==> flow/design.v <==
module core_plus_blk #(
  parameter integer WIDTH = 24,
  parameter integer COUNT = 4,
  parameter integer OW = WIDTH + $clog2(COUNT)
) (
  input  wire clk,
  input  wire nrst,
  input  wire enable,
  input  wire [COUNT*WIDTH-1:0] src,
  output wire [OW-1:0] s
);
  reg [COUNT*WIDTH-1:0] r_src;
  always @(posedge clk or negedge nrst) begin
    if (!nrst) begin
      r_src <= 0;
    end else if (enable) begin
      r_src <= src;
    end
  end
  wire [OW-1:0] n_ [1:2*COUNT-1];
  genvar k;
  generate
    for (k = 0; k < COUNT; k = k + 1) begin : u_g
      assign n_[COUNT+k] = r_src[k*WIDTH +: WIDTH];
    end
    for (k = 1; k < COUNT; k = k + 1) begin : slice
      assign n_[k] = n_[2*k] + n_[2*k+1];
    end
  endgenerate
  assign s = n_[1];
endmodule
## Tool chain data of core_plus_blk

Tool output for the design above, in the order of the flow.
Lines are those of the file above, counted from 1.
Library cell names are shortened.
Not given: -

| set-up | value |
|---|---|
| design top | core_plus_blk |
| clock port | clk |
| cell library | sky130hd |
| timing corner | tt_025C_1v80 |

## After elaboration

Source: Yosys, flattened and elaborated. Widths are those after wreduce; folded enables and synchronous resets count as part of the registers. Registers that Yosys merges into a memory's read port (data or address) are not register bits. Print and check cells do not count. Equal cells are merged and count once.

| bit counts | value |
|---|---|
| input port bits | 99 |
| word-level cells | 4 |
| flip-flop bits (word level) | 96 |
| output and inout port bits | 26 |

| cells by class | value |
|---|---|
| add/sub/neg operators | 3 |

Operator list:

| operator | count |
|---|---|
| adder 24 x 24 -> 25 bit | 2 |
| adder 26 bit | 1 |

## Depth

Depth = most cells in a row (Yosys ltp): at word level without a register or memory, in the mapped netlist without a sequential cell, where the memories' decode and read muxes count.

| logic depth | value |
|---|---|
| word-level depth | 2 |
| ABC_AREA | 1 |
| mapped depth | 23 |
| depth with buffers taken out | 23 |

## Synthesis result

The flow's flattened synthesis, as Yosys stat reports it; memories are mapped. The netlist is that of the ABC_AREA named above (0 if unset); the other value can give another one.
The area totals of this step are shown rounded.

Cell types:

| type | count | area in all (µm²) |
|---|---|---|
| dfrtp_1 | 96 | 2.4E+03 |
| nand2_1 | 422 | 1.58E+03 |
| mux2_2 | 92 | 1.04E+03 |
| ha_1 | 73 | 913.376 |
| inv_1 | 186 | 698.17 |
| nand3_1 | 62 | 310.298 |
| nor2_1 | 75 | 281.52 |
| a21oi_1 | 54 | 270.259 |
| xor2_1 | 26 | 227.718 |
| nand4_1 | 21 | 131.376 |
| xnor2_1 | 9 | 78.826 |
| nor2_2 | 12 | 75.072 |
| o21bai_1 | 10 | 75.072 |
| fa_1 | 3 | 60.058 |
| nand2_2 | 9 | 56.304 |
| buf_2 | 11 | 55.053 |
| nand3b_1 | 7 | 52.55 |
| nor4_1 | 7 | 43.792 |

Other cell types: 12; their cells: 36.

| synthesis totals | value |
|---|---|
| sequential part of the area | 2,402 µm² |
| cell count | 1,211 |
| flip-flop cells | 96 |
| synthesis area | 8,598 µm² |
| buffers | 11 |

## Worst setup path after synthesis

OpenSTA on the mapped netlist: ideal clock, no wires. The path of least setup slack (recovery checks aside). Input and output delay are each 20% of the period. Register names are those of the netlist, which keeps one name where synthesis merged equal registers.

| timing post-synthesis | value |
|---|---|
| path kind | reg-to-output |
| start | register r_src[0] |
| end | output s[24] |
| path slack | 2.090 ns |
| path delay | 2.614 ns |
| clock period | 5.88 ns |
| buffers on the path | 0 |
| output delay | 1.176 ns |
| stages | 21 |
| data required time | 4.704 ns |
| launch time at the first pin | 0.000 ns |
| data arrival time | 2.614 ns |
| synthesis period reached | 3.79 ns |

"path delay" is the arrival time less input delay plus setup time.
A path that ends at an output port has no setup time.
"stages" counts driving pins, that of a launching flip-flop among them; a cell with two outputs on the path counts twice.
"synthesis period reached" is the clock period less the worst setup slack; recovery checks do not enter. This is arithmetic on one report: input and output delays are still those of the set period (20% each).
Between the ends stands the longest chain of elaborated cells between them, by number of cells; it is not shown to be the way that was timed. Of several equally long chains one is given.
A line is the first line of the expression or statement that the cell stems from. Yosys adds cells for indexed reads and writes and turns some case tables into memories.

| between the ends, post-synthesis | value |
|---|---|
| path through | dfrtp_1 > ha_1 > inv_1 > fa_1 > inv_1 > nand3_1 > nand3_1 > nand2_1 > nand2_1 > nand3_1 > nand3_1 > nand2_1 > ha_1 > nand2_1 > inv_1 > a21oi_1 > nand2_1 > nand2_1 > nand3_1 > nand2_1 > nand2_1 |
| cells in the longest elaborated chain | 2 |
| elaborated cells between the ends (all ways) | 2 |

RTL lines, path post-synthesis:

| what | line | text |
|---|---|---|
| from (decl) | 12 | `reg [COUNT*WIDTH-1:0] r_src;` |
| from (assign) | 15 | `r_src <= 0;` |
| from (assign) | 17 | `r_src <= src;` |
| adder 24 x 24 -> 25 bit | 27 | `assign n_[k] = n_[2*k] + n_[2*k+1];` |
| adder 26 bit | 27 |  |
| to (decl) | 10 | `output wire [OW-1:0] s` |

## Worst path after layout

Path of least setup slack in the final report of flow run A (OpenROAD, finished layout, wires in). Where an end is a register, its clock arrival counts in the times.

| timing after layout | value |
|---|---|
| path kind | reg-to-output |
| start | register r_src[14] |
| end | output s[16] |
| stages | 18 |
| data arrival time | 4.30 ns |
| path slack | 0.31 ns |
| buffers on the path | 1 |
| data required time | 4.61 ns |
| launch time at the first pin | 0.37 ns |
| clock period | 5.76 ns |
| output delay | 1.15 ns |

Between the ends stands the longest chain of elaborated cells between them, by number of cells; it is not shown to be the way that was timed. Of several equally long chains one is given.

| between the ends, after layout | value |
|---|---|
| path through | dfrtp_1 > ha_1 > nand2_1 > nor2_2 > nand2_1 > nand2_1 > inv_1 > nand2_1 > xor2_2 > ha_1 > nand2_1 > inv_1 > a21oi_1 > nand2_1 > nor2_1 > nand2_1 > nand2_1 > clkdlybuf4s50_1 |
| cells in the longest elaborated chain | 2 |
| elaborated cells between the ends (all ways) | 2 |

RTL lines, path after layout:

| what | line | text |
|---|---|---|
| from (decl) | 12 | `reg [COUNT*WIDTH-1:0] r_src;` |
| from (assign) | 15 | `r_src <= 0;` |
| from (assign) | 17 | `r_src <= src;` |
| adder 24 x 24 -> 25 bit | 27 | `assign n_[k] = n_[2*k] + n_[2*k+1];` |
| adder 26 bit | 27 |  |
| to (decl) | 10 | `output wire [OW-1:0] s` |

Top module core_plus_blk; platform sky130hd; tools Yosys and OpenROAD; 3 stored runs in no particular order. Input and output delays are each 20% of the period that was set; the output load is 0.01 pF.
By "period reached" is meant the clock period of the run minus its worst setup slack. This is arithmetic on one report: input and output delays are still those of the set period (20% each).
"total power after layout" rests on the timing tool's default activity at the inputs, not on a simulated workload.
The measured numbers are rounded.

## Flow run A

==> flow/run.sh <==
#!/bin/bash
# the make line also repeats the synthesis and layout settings of config.mk as NAME=value (left out here)
make -C /OpenROAD-flow-scripts/flow DESIGN_CONFIG=/design/flow/config.mk WORK_HOME=/design/flow/orfs CLKGATE_MAP_FILE= finish
==> flow/config.mk <==
export PLATFORM = sky130hd
export DESIGN_NAME = core_plus_blk
export DESIGN_NICKNAME = core_plus_blk
export VERILOG_FILES = /design/flow/design.v
export SDC_FILE = /design/flow/constraint.sdc
export NUM_CORES = 4
export LEC_CHECK = 0
export ABC_AREA = 1
export CAP_MARGIN = 20
export CORE_ASPECT_RATIO = 1.7
export CORE_MARGIN = 8
export CORE_UTILIZATION = 31
export CTS_CLUSTER_DIAMETER = 124
export MIN_ROUTING_LAYER = met2
export PLACE_DENSITY_LB_ADDON = 0.3
export SLEW_MARGIN = 20
export TNS_END_PERCENT = 45
==> flow/constraint.sdc <==
create_clock -name core_clock -period 5.76 [get_ports {clk}]
set_input_delay 1.1520 -clock core_clock [delete_from_list [all_inputs] [get_ports {clk}]]
set_output_delay 1.1520 -clock core_clock [all_outputs]
set_load 0.01 [all_outputs]

| result of flow run A | value |
|---|---|
| total negative slack on setup checks | 0.000 ns |
| setup slack of the worst path | 0.305 ns |
| period reached | 5.455 ns |
| die area | 33,510 µm² |
| synthesis area | 8,598 µm² |
| area of the standard cells in the finished layout | 10,650 µm² |
| total power after layout | 4,691 uW |

## Flow run B

==> flow/run.sh <==
#!/bin/bash
# the make line also repeats the synthesis and layout settings of config.mk as NAME=value (left out here)
make -C /OpenROAD-flow-scripts/flow DESIGN_CONFIG=/design/flow/config.mk WORK_HOME=/design/flow/orfs CLKGATE_MAP_FILE= finish
==> flow/config.mk <==
export PLATFORM = sky130hd
export DESIGN_NAME = core_plus_blk
export DESIGN_NICKNAME = core_plus_blk
export VERILOG_FILES = /design/flow/design.v
export SDC_FILE = /design/flow/constraint.sdc
export NUM_CORES = 4
export LEC_CHECK = 0
export ABC_AREA = 0
export CAP_MARGIN = 20
export CELL_PAD_IN_SITES_GLOBAL_PLACEMENT = 2
export CORE_MARGIN = 2
export CORE_UTILIZATION = 15
export GPL_ROUTABILITY_DRIVEN = 1
export HOLD_SLACK_MARGIN = 0.19
export MAX_ROUTING_LAYER = met4
export MIN_ROUTING_LAYER = met2
export PLACE_DENSITY_LB_ADDON = 0.27
export SETUP_SLACK_MARGIN = 0.42
export SLEW_MARGIN = 10
==> flow/constraint.sdc <==
create_clock -name core_clock -period 4.77 [get_ports {clk}]
set_input_delay 0.9540 -clock core_clock [delete_from_list [all_inputs] [get_ports {clk}]]
set_output_delay 0.9540 -clock core_clock [all_outputs]
set_load 0.01 [all_outputs]

| result of flow run B | value |
|---|---|
| total negative slack on setup checks | -4.593 ns |
| setup slack of the worst path | -0.488 ns |
| period reached | 5.258 ns |
| die area | 50,530 µm² |
| synthesis area | 7,312 µm² |
| area of the standard cells in the finished layout | 12,130 µm² |
| total power after layout | 7,756 uW |

## Flow run C

==> flow/run.sh <==
#!/bin/bash
# the make line also repeats the synthesis and layout settings of config.mk as NAME=value (left out here)
make -C /OpenROAD-flow-scripts/flow DESIGN_CONFIG=/design/flow/config.mk WORK_HOME=/design/flow/orfs CLKGATE_MAP_FILE= finish
==> flow/config.mk <==
export PLATFORM = sky130hd
export DESIGN_NAME = core_plus_blk
export DESIGN_NICKNAME = core_plus_blk
export VERILOG_FILES = /design/flow/design.v
export SDC_FILE = /design/flow/constraint.sdc
export NUM_CORES = 4
export LEC_CHECK = 0
export CAP_MARGIN = 20
export CORE_MARGIN = 2
export CORE_UTILIZATION = 40
export SLEW_MARGIN = 20
==> flow/constraint.sdc <==
create_clock -name core_clock -period 5.88 [get_ports {clk}]
set_input_delay 1.1760 -clock core_clock [delete_from_list [all_inputs] [get_ports {clk}]]
set_output_delay 1.1760 -clock core_clock [all_outputs]
set_load 0.01 [all_outputs]

| result of flow run C | value |
|---|---|
| total negative slack on setup checks | 0.000 ns |
| setup slack of the worst path | 0.172 ns |
| period reached | 5.708 ns |
| die area | 19,380 µm² |
| synthesis area | 7,312 µm² |
| area of the standard cells in the finished layout | 9,311 µm² |
| total power after layout | 4,380 uW |
